==> flow/design.v <==
module dp_switch #(
    parameter integer WIDTH = 3,
    parameter integer COUNT = 64,
    parameter integer SEL_WIDTH = $clog2(COUNT)
) (
    input  wire ck,
    input  wire [COUNT*WIDTH-1:0] val,
    input  wire [SEL_WIDTH-1:0] sel,
    output wire [WIDTH-1:0] q
);
    reg [COUNT*WIDTH-1:0] val_q;
    always @(posedge ck) begin
        val_q <= val;
    end
    reg [SEL_WIDTH-1:0] sel_q;
    always @(posedge ck) begin
        sel_q <= sel;
    end
    wire [WIDTH-1:0] lvl [1:2*COUNT-1];
    genvar gi;
    generate
        for (gi = 0; gi < COUNT; gi = gi + 1) begin : lane
            assign lvl[COUNT+gi] = val_q[gi*WIDTH +: WIDTH];
        end
        for (gi = 1; gi < COUNT; gi = gi + 1) begin : stage
            assign lvl[gi] = sel_q[SEL_WIDTH - $clog2(gi+1)] ? lvl[2*gi+1] : lvl[2*gi];
        end
    endgenerate
    reg [WIDTH-1:0] q_q;
    always @(posedge ck) begin
        q_q <= lvl[1];
    end
    assign q = q_q;
endmodule
# ---- Step by step through the tools: dp_switch
# The steps from the RTL of dp_switch to its reports follow in flow order.
# Lines are those of the file above, counted from 1.
# Cell names lack the library's common part.
# The mark -- stands for no value.
dict set report design {
  top {dp_switch}
  clock {ck}
  lib {sky130hd}
  lib_corner {tt_025C_1v80}
}

# ---- After elaboration
# Yosys after proc, flatten, opt, wreduce and memory -nomap, before mapping. Enables and synchronous resets that opt folds into registers are not counted as muxes. Print and check cells are not counted. Equal cells are merged and count once.
dict set report word_totals {
  in_bits 199
  output_inout_bits 3
  reg_bits 201
  word_cells 66
}
dict set report op_classes {
  muxes 63
}
# operator n
set ops {}
lappend ops {{two-way mux 3 bit} 63}

# ---- Logic depth
# Longest topological path by Yosys (ltp), each cell counted once; first at word level (registers and memories cut), then after technology mapping (sequential cells cut; the memories' decode and read muxes count).
dict set report depth {
  depth_word 6
  abc_area 0
  ltp_mapped 9
  depth_no_buf 5
}

# ---- After synthesis
# Source: synth_stat.txt of the flow (Yosys; design flattened, memories mapped). It holds for the ABC_AREA given above (unset counts as 0); a run with the other value may have another netlist.
dict set report synth_totals {
  buffers 16
  yosys_area_um2 5649.2
  flip_flops 201
  cell_count 325
  sequential_area_um2 4023.9
}
# cell n type_area_um2
set types {}
lappend types {dfxtp_1 201 4.02E+03}
lappend types {mux4_2 37 833.299}
lappend types {mux4_1 10 262.752}
lappend types {mux2i_1 10 100.096}
lappend types {nand2b_1 6 37.536}
lappend types {buf_2 7 35.034}
lappend types {o221ai_1 4 35.034}
lappend types {nor2b_1 5 31.28}
lappend types {o22ai_1 5 31.28}
lappend types {a211oi_1 3 22.522}
lappend types {buf_6 2 22.522}
lappend types {a21oi_1 4 20.019}
lappend types {buf_12 1 20.019}
lappend types {nand3_1 4 20.019}
lappend types {o41ai_1 2 17.517}
lappend types {buf_4 2 15.014}
lappend types {nand2_1 4 15.014}
lappend types {o21a_1 2 15.014}
# Other cell types: 13; their cells: 16.

# ---- Worst setup path after synthesis
# OpenSTA on the mapped netlist: ideal clock, no wires. The path of least setup slack (recovery checks aside). Input and output delay are each 20% of the period. Register names are those of the netlist, which keeps one name where synthesis merged equal registers.
dict set report synth_timing {
  path_type {reg2reg}
  startpoint {reg sel_q[0]}
  endpoint {reg q_q[0]}
  path_buffers 2
  delay_ns 1.826
  t_required_ns 2.157
  arrival_ns 1.703
  setup_time_ns 0.123
  path_slack_ns 0.453
  period_ns 2.28
  path_stages 7
  launch_ns 0.000
  period_less_setup_slack_ns 1.827
}
# "delay_ns" = arrival - input delay + setup time.
# "path_stages": output pins that drive a net of the path, with the launching flip-flop's if there is one; two outputs of one cell count as two.
# "period_less_setup_slack_ns" is the clock period less the worst setup slack; recovery checks do not enter. This is arithmetic on one report: input and output delays are still those of the set period (20% each).
# The rows between start and end are the longest chain of elaborated cells between them; the timing report does not say that the signal goes this way. Where chains are equally long, one stands for them.
# Each line given opens the expression or statement behind the cell; cells for indexed reads and writes are added by Yosys, which also makes memories of some case tables.
dict set report synth_between {
  cell_sequence {dfxtp_1 -> buf_6 -> buf_12 -> mux4_2 -> mux4_2 -> o21ai_1 -> o41ai_1}
  elab_chain_len 6
  cells_between 63
  cone_lines 1
  classes_between {mux: 63}
}
# item line
set synth_rtl {}
lappend synth_rtl {{start: declaration} 15} ;# reg [SEL_WIDTH-1:0] sel_q;
lappend synth_rtl {{start: assignment} 17} ;# sel_q <= sel;
lappend synth_rtl {{two-way mux 3 bit (6 in a row)} 26} ;# assign lvl[gi] = sel_q[SEL_WIDTH - $clog2(gi+1)] ? lvl[2*gi+1] : lvl[2*gi];
lappend synth_rtl {{end: assignment} 31} ;# q_q <= lvl[1];
lappend synth_rtl {{end: declaration} 29} ;# reg [WIDTH-1:0] q_q;

# ---- Timing after layout
# From the final timing report of run A: the path of least setup slack in the routed layout; clock arrival at registers is part of the times.
dict set report layout_timing {
  path_type {reg2reg}
  startpoint {reg sel_q[0]}
  endpoint {reg q_q[1]}
  t_required_ns 1.61
  arrival_ns 2.23
  path_buffers 1
  launch_ns 0.47
  path_slack_ns -0.62
  period_ns 1.25
  path_stages 6
  setup_time_ns 0.12
}
# The rows between start and end are the longest chain of elaborated cells between them; the timing report does not say that the signal goes this way. Where chains are equally long, one stands for them.
dict set report layout_between {
  cell_sequence {dfxtp_4 -> buf_12 -> mux4_2 -> mux4_2 -> o21ai_2 -> o41ai_2}
  elab_chain_len 6
  cells_between 63
  cone_lines 1
  classes_between {mux: 63}
}
# item line
set layout_rtl {}
lappend layout_rtl {{start: declaration} 15} ;# reg [SEL_WIDTH-1:0] sel_q;
lappend layout_rtl {{start: assignment} 17} ;# sel_q <= sel;
lappend layout_rtl {{two-way mux 3 bit (6 in a row)} 26} ;# assign lvl[gi] = sel_q[SEL_WIDTH - $clog2(gi+1)] ? lvl[2*gi+1] : lvl[2*gi];
lappend layout_rtl {{end: assignment} 31} ;# q_q <= lvl[1];
lappend layout_rtl {{end: declaration} 29} ;# reg [WIDTH-1:0] q_q;

# Below are 3 stored runs of the flow (Yosys, OpenROAD; platform sky130hd) on dp_switch, each with its settings and what was measured, unordered. Constraints: input delay and output delay 20% of the set period each, output load 0.01 pF.
# "period_less_ws_ns" = clock period - worst setup slack. The figure is calculated, with input and output delays left at 20% of the set period.
# "worst_setup_path_time_ns" is the time allowed to the run's worst setup path (the clock period less input and output delay, where it has them) less its slack. Clock arrival times count: a late capture clock shortens it, a late launch clock lengthens it.
# "fin_power_mw": no workload was simulated; the value follows from the tool's default switching activity.
run="run A" settings period_ns=1.25 CORE_UTILIZATION=46 PLACE_DENSITY_LB_ADDON=0.2 CELL_PAD_IN_SITES_DETAIL_PLACEMENT=0 ABC_AREA=0 CTS_CLUSTER_DIAMETER=176 SLEW_MARGIN=40 MIN_ROUTING_LAYER="met1" MAX_ROUTING_LAYER="met4" CAP_MARGIN=20 CORE_MARGIN=2
run="run A" results synthesis_area_um2=5649.2 finalUtil_pct=73.8 finish.stdcell_area_um2=8861.0 ws_hold_ns=0.208 fin_power_mw=14.542 final_setup_tns_ns=-1.791 period_less_ws_ns=1.868 worst_setup_path_time_ns=1.87 critical_path_type="reg2reg" total_die_area_um2=13183.6 worstSetupSlack_ns=-0.618
run="run B" settings period_ns=2.28 CAP_MARGIN=20 CORE_MARGIN=2 CORE_UTILIZATION=40 SLEW_MARGIN=20
run="run B" results synthesis_area_um2=5649.2 finalUtil_pct=61.7 finish.stdcell_area_um2=8533.2 ws_hold_ns=0.408 fin_power_mw=7.605 final_setup_tns_ns=0.000 period_less_ws_ns=2.070 worst_setup_path_time_ns=2.07 critical_path_type="reg2reg" total_die_area_um2=15089.7 worstSetupSlack_ns=0.210
run="run C" settings period_ns=2.37 CORE_UTILIZATION=48 SETUP_SLACK_MARGIN=0.43 PLACE_DENSITY_LB_ADDON=0.01 CORE_ASPECT_RATIO=0.57 CORE_MARGIN=6 GPL_TIMING_DRIVEN=1 GPL_ROUTABILITY_DRIVEN=1 CTS_CLUSTER_SIZE=94 CAP_MARGIN=20 MAX_ROUTING_LAYER="met4" SLEW_MARGIN=20
run="run C" results synthesis_area_um2=5649.2 finalUtil_pct=76.7 finish.stdcell_area_um2=8657.0 ws_hold_ns=0.442 fin_power_mw=7.296 final_setup_tns_ns=0.000 period_less_ws_ns=1.929 worst_setup_path_time_ns=1.93 critical_path_type="reg2reg" total_die_area_um2=14620.1 worstSetupSlack_ns=0.441
